==> flow/design.v <==
module muxn_top #(
   parameter integer DATA_WIDTH = 2,
   parameter integer N = 16,
   parameter integer SBITS = $clog2(N)
) (
   input  ck,
   input  resetn,
   input  [N*DATA_WIDTH-1:0] bus_in,
   input  [SBITS-1:0] s_in,
   output [DATA_WIDTH-1:0] dout_out
);
   reg [N*DATA_WIDTH-1:0] bus_s;
   reg [SBITS-1:0] s_s;
   always @(posedge ck) begin
      if (~resetn) begin
         bus_s <= 0;
         s_s <= 0;
      end else begin
         bus_s <= bus_in;
         s_s <= s_in;
      end
   end
   wire [N-1:0] oh = {{(N-1){1'b0}}, 1'b1} << s_s;
   reg [DATA_WIDTH-1:0] nxt;
   integer k;
   always @(*) begin
      nxt = 0;
      for (k = 0; k < N; k = k + 1)
         nxt = nxt | (bus_s[k*DATA_WIDTH +: DATA_WIDTH] & {DATA_WIDTH{oh[k]}});
   end
   assign dout_out = nxt;
endmodule
Appendix: tool output

### Step by step through the tools: muxn_top

Module muxn_top in several versions that differ in "DATA_WIDTH"; each step lists the members.
The file above is the member DATA_WIDTH = 2. Line numbers count from 1 in each member's own file.
Cell names lack the library's common part.
Not given: n/a

* top: muxn_top
* clock port: ck
* standard-cell library: sky130hd
* corner: tt_025C_1v80

### Source of the members

Lines of each other member's file that are new or changed against the file above; lines that a member lacks are not shown.

New or changed lines
* DATA_WIDTH 4: line 2 `parameter integer DATA_WIDTH = 4,`
* DATA_WIDTH 8: line 2 `parameter integer DATA_WIDTH = 8,`
* DATA_WIDTH 10: line 2 `parameter integer DATA_WIDTH = 10,`
* DATA_WIDTH 16: line 2 `parameter integer DATA_WIDTH = 16,`
* DATA_WIDTH 24: line 2 `parameter integer DATA_WIDTH = 24,`

### Word level

Yosys after proc, flatten, opt, wreduce and memory -nomap, before mapping. Enables and synchronous resets that opt folds into registers are not counted as muxes. Memory bits, and registers merged into a memory's read port (data or address), are not among the register bits. Print and check cells are not counted. Equal cells are merged and count once.

Bit counts
* DATA_WIDTH 2: register bits 36, input port bits 38, output and inout port bits 2
* DATA_WIDTH 4: register bits 68, input port bits 70, output and inout port bits 4
* DATA_WIDTH 8: register bits 132, input port bits 134, output and inout port bits 8
* DATA_WIDTH 10: register bits 164, input port bits 166, output and inout port bits 10
* DATA_WIDTH 16: register bits 260, input port bits 262, output and inout port bits 16
* DATA_WIDTH 24: register bits 388, input port bits 390, output and inout port bits 24

Operators by class
* DATA_WIDTH 2: shifts and indexed selects 1, bitwise logic cells 31
* DATA_WIDTH 4: shifts and indexed selects 1, bitwise logic cells 31
* DATA_WIDTH 8: shifts and indexed selects 1, bitwise logic cells 31
* DATA_WIDTH 10: shifts and indexed selects 1, bitwise logic cells 31
* DATA_WIDTH 16: shifts and indexed selects 1, bitwise logic cells 31
* DATA_WIDTH 24: shifts and indexed selects 1, bitwise logic cells 31

Operators by type and width (kinds with counts)
* DATA_WIDTH 2: 2-bit AND: 16; 2-bit OR: 15; 1-bit by 4-bit left shift with 16-bit output with constant A: 1
* DATA_WIDTH 4: 4-bit AND: 16; 4-bit OR: 15; 1-bit by 4-bit left shift with 16-bit output with constant A: 1
* DATA_WIDTH 8: 8-bit AND: 16; 8-bit OR: 15; 1-bit by 4-bit left shift with 16-bit output with constant A: 1
* DATA_WIDTH 10: 10-bit AND: 16; 10-bit OR: 15; 1-bit by 4-bit left shift with 16-bit output with constant A: 1
* DATA_WIDTH 16: 16-bit AND: 16; 16-bit OR: 15; 1-bit by 4-bit left shift with 16-bit output with constant A: 1
* DATA_WIDTH 24: 24-bit AND: 16; 24-bit OR: 15; 1-bit by 4-bit left shift with 16-bit output with constant A: 1

### Logic depth

Yosys ltp: most cells in a row. Word level: on the elaborated netlist, between registers, memories and ports. Mapped: between sequential cells and ports; inverters and the memories' decode and read muxes count.

Depth
* DATA_WIDTH 2: depth after elaboration 17, ABC_AREA 0, gate-level depth with buffers 5, depth with buffers taken out 4
* DATA_WIDTH 4: depth after elaboration 17, ABC_AREA 0, gate-level depth with buffers 6, depth with buffers taken out 4
* DATA_WIDTH 8: depth after elaboration 17, ABC_AREA 0, gate-level depth with buffers 8, depth with buffers taken out 4
* DATA_WIDTH 10: depth after elaboration 17, ABC_AREA 0, gate-level depth with buffers 7, depth with buffers taken out 4
* DATA_WIDTH 16: depth after elaboration 17, ABC_AREA 0, gate-level depth with buffers 7, depth with buffers taken out 4
* DATA_WIDTH 24: depth after elaboration 17, ABC_AREA 0, gate-level depth with buffers 7, depth with buffers taken out 4

### After synthesis

Yosys stat after the flow's synthesis: flattened, memories mapped to cells. It holds for the ABC_AREA given above (unset counts as 0); a run with the other value may have another netlist.
The area totals of this step are shown rounded.

Cell types (types with counts)
* DATA_WIDTH 2: dfxtp_1: 36; and2_1: 36; a22oi_1: 6; a211o_1: 4; mux2_4: 2; nand3_1: 6; nand3b_1: 4; nand4_1: 4; mux2_2: 2; mux2i_1: 2; nor2b_1: 3; o221ai_1: 2; buf_4: 2; or3_1: 2; buf_6: 1; clkbuf_1: 3; o21ai_0: 2; nand2_1: 2; (+4)
* DATA_WIDTH 4: dfxtp_1: 68; and2_1: 69; a22oi_1: 16; mux2i_1: 12; o32a_1: 4; a32oi_1: 4; o2111ai_1: 4; o22a_1: 4; nor2_1: 9; clkbuf_1: 7; o22ai_1: 4; and2b_1: 2; buf_2: 3; buf_4: 2; nor2b_1: 2; buf_6: 1; or3b_4: 1; and2b_4: 1; (+5)
* DATA_WIDTH 8: dfxtp_1: 132; and2_1: 135; a22o_1: 21; mux2_2: 14; a221oi_1: 16; buf_6: 8; clkbuf_1: 20; a221o_1: 7; a32o_1: 7; a211oi_1: 8; o221ai_1: 6; nor2b_1: 7; a21oi_1: 6; and2b_1: 4; nor2b_4: 2; nand2_1: 7; buf_4: 3; mux4_2: 1; (+23)
* DATA_WIDTH 10: dfxtp_1: 164; and2_1: 164; a22oi_1: 39; o221ai_1: 18; mux2_2: 11; mux2i_1: 10; a21oi_1: 19; o211a_1: 9; clkbuf_1: 22; a22o_1: 9; o22a_1: 9; buf_6: 5; buf_2: 11; nand3_1: 9; nand2_1: 11; nor2b_1: 4; buf_4: 2; nor2b_4: 1; (+21)
* DATA_WIDTH 16: dfxtp_1: 260; and2_1: 260; a22oi_1: 80; mux2_2: 32; clkbuf_1: 48; o21ai_0: 28; nor3b_1: 17; nand2_1: 31; o22ai_1: 16; and3_1: 15; nand4_1: 14; or3_1: 14; buf_6: 7; buf_2: 11; nor4b_4: 1; nor2b_1: 3; or4_1: 2; nor2b_4: 1; (+19)
* DATA_WIDTH 24: dfxtp_1: 388; and2_1: 389; mux2i_1: 72; a22o_1: 48; a22oi_1: 47; clkbuf_1: 70; a221oi_1: 24; o22a_1: 23; o22ai_1: 24; nand4_1: 23; nand3_1: 25; a21oi_1: 24; buf_2: 21; nor2_1: 25; buf_4: 7; nor2b_1: 4; mux2_2: 2; nor3b_4: 1; (+8)

A list marked (+n) leaves out that many cells.

Synthesis totals
* DATA_WIDTH 2: cell count 123, cell area after synthesis 0.001308 mm^2, sequential area 0.0007207 mm^2, mapped flip-flops 36, buffers 7
* DATA_WIDTH 4: cell count 218, cell area after synthesis 0.002382 mm^2, sequential area 0.001361 mm^2, mapped flip-flops 68, buffers 13
* DATA_WIDTH 8: cell count 427, cell area after synthesis 0.004756 mm^2, sequential area 0.002643 mm^2, mapped flip-flops 132, buffers 36
* DATA_WIDTH 10: cell count 538, cell area after synthesis 0.005807 mm^2, sequential area 0.003283 mm^2, mapped flip-flops 164, buffers 43
* DATA_WIDTH 16: cell count 859, cell area after synthesis 0.009064 mm^2, sequential area 0.005205 mm^2, mapped flip-flops 260, buffers 70
* DATA_WIDTH 24: cell count 1225, cell area after synthesis 0.01329 mm^2, sequential area 0.007767 mm^2, mapped flip-flops 388, buffers 99

### Timing after synthesis

Path of least setup slack by OpenSTA after synthesis, without wires, with an ideal clock, recovery checks aside; 20% of the period is set as input and as output delay. Where synthesis merged equal registers, the netlist keeps one of their names.

Path after synthesis
* DATA_WIDTH 2: path type register -> output, start point reg s_s[2], end point out dout_out[0], period 1.98 ns, slack 0.315 ns, stages on the path 6, path delay 1.269 ns, period reached after synthesis 1.665 ns
* DATA_WIDTH 4: path type register -> output, start point reg s_s[2], end point out dout_out[2], period 1.82 ns, slack 0.288 ns, stages on the path 7, path delay 1.168 ns, period reached after synthesis 1.532 ns
* DATA_WIDTH 8: path type register -> output, start point reg s_s[3], end point out dout_out[4], period 2.19 ns, slack 0.349 ns, stages on the path 7, path delay 1.403 ns, period reached after synthesis 1.841 ns
* DATA_WIDTH 10: path type register -> output, start point reg s_s[0], end point out dout_out[8], period 2.28 ns, slack 0.367 ns, stages on the path 7, path delay 1.457 ns, period reached after synthesis 1.913 ns
* DATA_WIDTH 16: path type register -> output, start point reg s_s[1], end point out dout_out[14], period 2.56 ns, slack 0.409 ns, stages on the path 8, path delay 1.639 ns, period reached after synthesis 2.151 ns
* DATA_WIDTH 24: path type register -> output, start point reg s_s[3], end point out dout_out[22], period 2.29 ns, slack 0.368 ns, stages on the path 8, path delay 1.464 ns, period reached after synthesis 1.922 ns

"path delay" = arrival - input delay + setup time.
A path that ends at an output port has no setup time.
"stages on the path": output pins that drive a net of the path, with the launching flip-flop's if there is one; two outputs of one cell count as two.
"period reached after synthesis" is the clock period less the worst setup slack; recovery checks do not enter. This is arithmetic on one report: input and output delays are still those of the set period (20% each).
Between the ends stands the longest chain of elaborated cells between them, by number of cells; it is not shown to be the way that was timed. Of several equally long chains one is given.
A line is the first line of the expression or statement that the cell stems from. Yosys adds cells for indexed reads and writes and turns some case tables into memories.

On the way, after synthesis, DATA_WIDTH = 2:
* length of the longest elaborated chain: 17

Ends and longest elaborated chain, after synthesis, DATA_WIDTH = 2
* start: declaration: line 13 `reg [SBITS-1:0] s_s;`
* start: assignment: line 17 `s_s <= 0;`
* start: assignment: line 20 `s_s <= s_in;`
* 1-bit by 4-bit left shift with 16-bit output: line 23 `wire [N-1:0] oh = {{(N-1){1'b0}}, 1'b1} << s_s;`
* 2-bit AND: line 29 `nxt = nxt | (bus_s[k*DATA_WIDTH +: DATA_WIDTH] & {DATA_WIDTH{oh[k]}});`
* 2-bit OR (15 in a row): line 29
* end: declaration: line 10 `output [DATA_WIDTH-1:0] dout_out`

On the way, after synthesis, DATA_WIDTH = 24:
* length of the longest elaborated chain: 17

Ends and longest elaborated chain, after synthesis, DATA_WIDTH = 24
* start: declaration: line 13 `reg [SBITS-1:0] s_s;`
* start: assignment: line 17 `s_s <= 0;`
* start: assignment: line 20 `s_s <= s_in;`
* 1-bit by 4-bit left shift with 16-bit output: line 23 `wire [N-1:0] oh = {{(N-1){1'b0}}, 1'b1} << s_s;`
* 24-bit AND: line 29 `nxt = nxt | (bus_s[k*DATA_WIDTH +: DATA_WIDTH] & {DATA_WIDTH{oh[k]}});`
* 24-bit OR (15 in a row): line 29
* end: declaration: line 10 `output [DATA_WIDTH-1:0] dout_out`

### Worst path after layout

Path of least setup slack in the final report of the run of each member (OpenROAD, finished layout, wires in). Where an end is a register, its clock arrival counts in the times.

Path after layout
* DATA_WIDTH 2: path type register -> output, start point reg s_s[3], end point out dout_out[1], period 1.98 ns, slack -0.11 ns, stages on the path 6, arrival 1.69 ns, path buffers 1
* DATA_WIDTH 4: path type register -> output, start point reg s_s[0], end point out dout_out[0], period 1.82 ns, slack -0.21 ns, stages on the path 7, arrival 1.67 ns, path buffers 2
* DATA_WIDTH 8: path type register -> output, start point reg s_s[3], end point out dout_out[5], period 2.19 ns, slack -0.33 ns, stages on the path 7, arrival 2.08 ns, path buffers 2
* DATA_WIDTH 10: path type register -> output, start point reg s_s[0], end point out dout_out[8], period 2.28 ns, slack -0.21 ns, stages on the path 7, arrival 2.04 ns, path buffers 2
* DATA_WIDTH 16: path type register -> output, start point reg s_s[3], end point out dout_out[5], period 2.56 ns, slack -0.41 ns, stages on the path 9, arrival 2.46 ns, path buffers 4
* DATA_WIDTH 24: path type register -> output, start point reg s_s[3], end point out dout_out[6], period 2.29 ns, slack -0.46 ns, stages on the path 10, arrival 2.29 ns, path buffers 5

### Measured runs

Settings and results of one run of the flow (Yosys, OpenROAD) for each member follow. The constraints put input and output delay at 20% of the set period each and load the outputs with 0.01 pF.

* CAP_MARGIN: 20
* CORE_MARGIN: 2
* CORE_UTILIZATION: 40
* SLEW_MARGIN: 20

Settings by member (period_ns)
* DATA_WIDTH 2: 1.98
* DATA_WIDTH 4: 1.82
* DATA_WIDTH 8: 2.19
* DATA_WIDTH 10: 2.28
* DATA_WIDTH 16: 2.56
* DATA_WIDTH 24: 2.29

Final reports
* DATA_WIDTH 2: cell area after synthesis 0.001308 mm^2, die size 0.003742 mm^2, standard-cell area after layout 0.001934 mm^2, utilization of the finished layout 0.628, worst setup slack after layout -0.106 ns, total negative slack -0.212 ns, lowest hold slack 0.620 ns, overall power 1453 uW, clock period achieved 2.086 ns
* DATA_WIDTH 4: cell area after synthesis 0.002382 mm^2, die size 0.006589 mm^2, standard-cell area after layout 0.003565 mm^2, utilization of the finished layout 0.609, worst setup slack after layout -0.211 ns, total negative slack -0.794 ns, lowest hold slack 0.604 ns, overall power 3204 uW, clock period achieved 2.031 ns
* DATA_WIDTH 8: cell area after synthesis 0.004756 mm^2, die size 0.01278 mm^2, standard-cell area after layout 0.007123 mm^2, utilization of the finished layout 0.619, worst setup slack after layout -0.329 ns, total negative slack -2.234 ns, lowest hold slack 0.594 ns, overall power 5784 uW, clock period achieved 2.519 ns
* DATA_WIDTH 10: cell area after synthesis 0.005807 mm^2, die size 0.0155 mm^2, standard-cell area after layout 0.008788 mm^2, utilization of the finished layout 0.612, worst setup slack after layout -0.214 ns, total negative slack -1.570 ns, lowest hold slack 0.526 ns, overall power 6905 uW, clock period achieved 2.494 ns
* DATA_WIDTH 16: cell area after synthesis 0.009064 mm^2, die size 0.02388 mm^2, standard-cell area after layout 0.0137 mm^2, utilization of the finished layout 0.611, worst setup slack after layout -0.408 ns, total negative slack -5.986 ns, lowest hold slack 0.465 ns, overall power 9528 uW, clock period achieved 2.968 ns
* DATA_WIDTH 24: cell area after synthesis 0.01329 mm^2, die size 0.03469 mm^2, standard-cell area after layout 0.02082 mm^2, utilization of the finished layout 0.638, worst setup slack after layout -0.457 ns, total negative slack -9.165 ns, lowest hold slack 0.496 ns, overall power 15580 uW, clock period achieved 2.747 ns

"clock period achieved" means the clock period less the worst setup slack. The figure is calculated, with input and output delays left at 20% of the set period.
"overall power": no workload was simulated; the value follows from the tool's default switching activity.
The results are shown rounded.
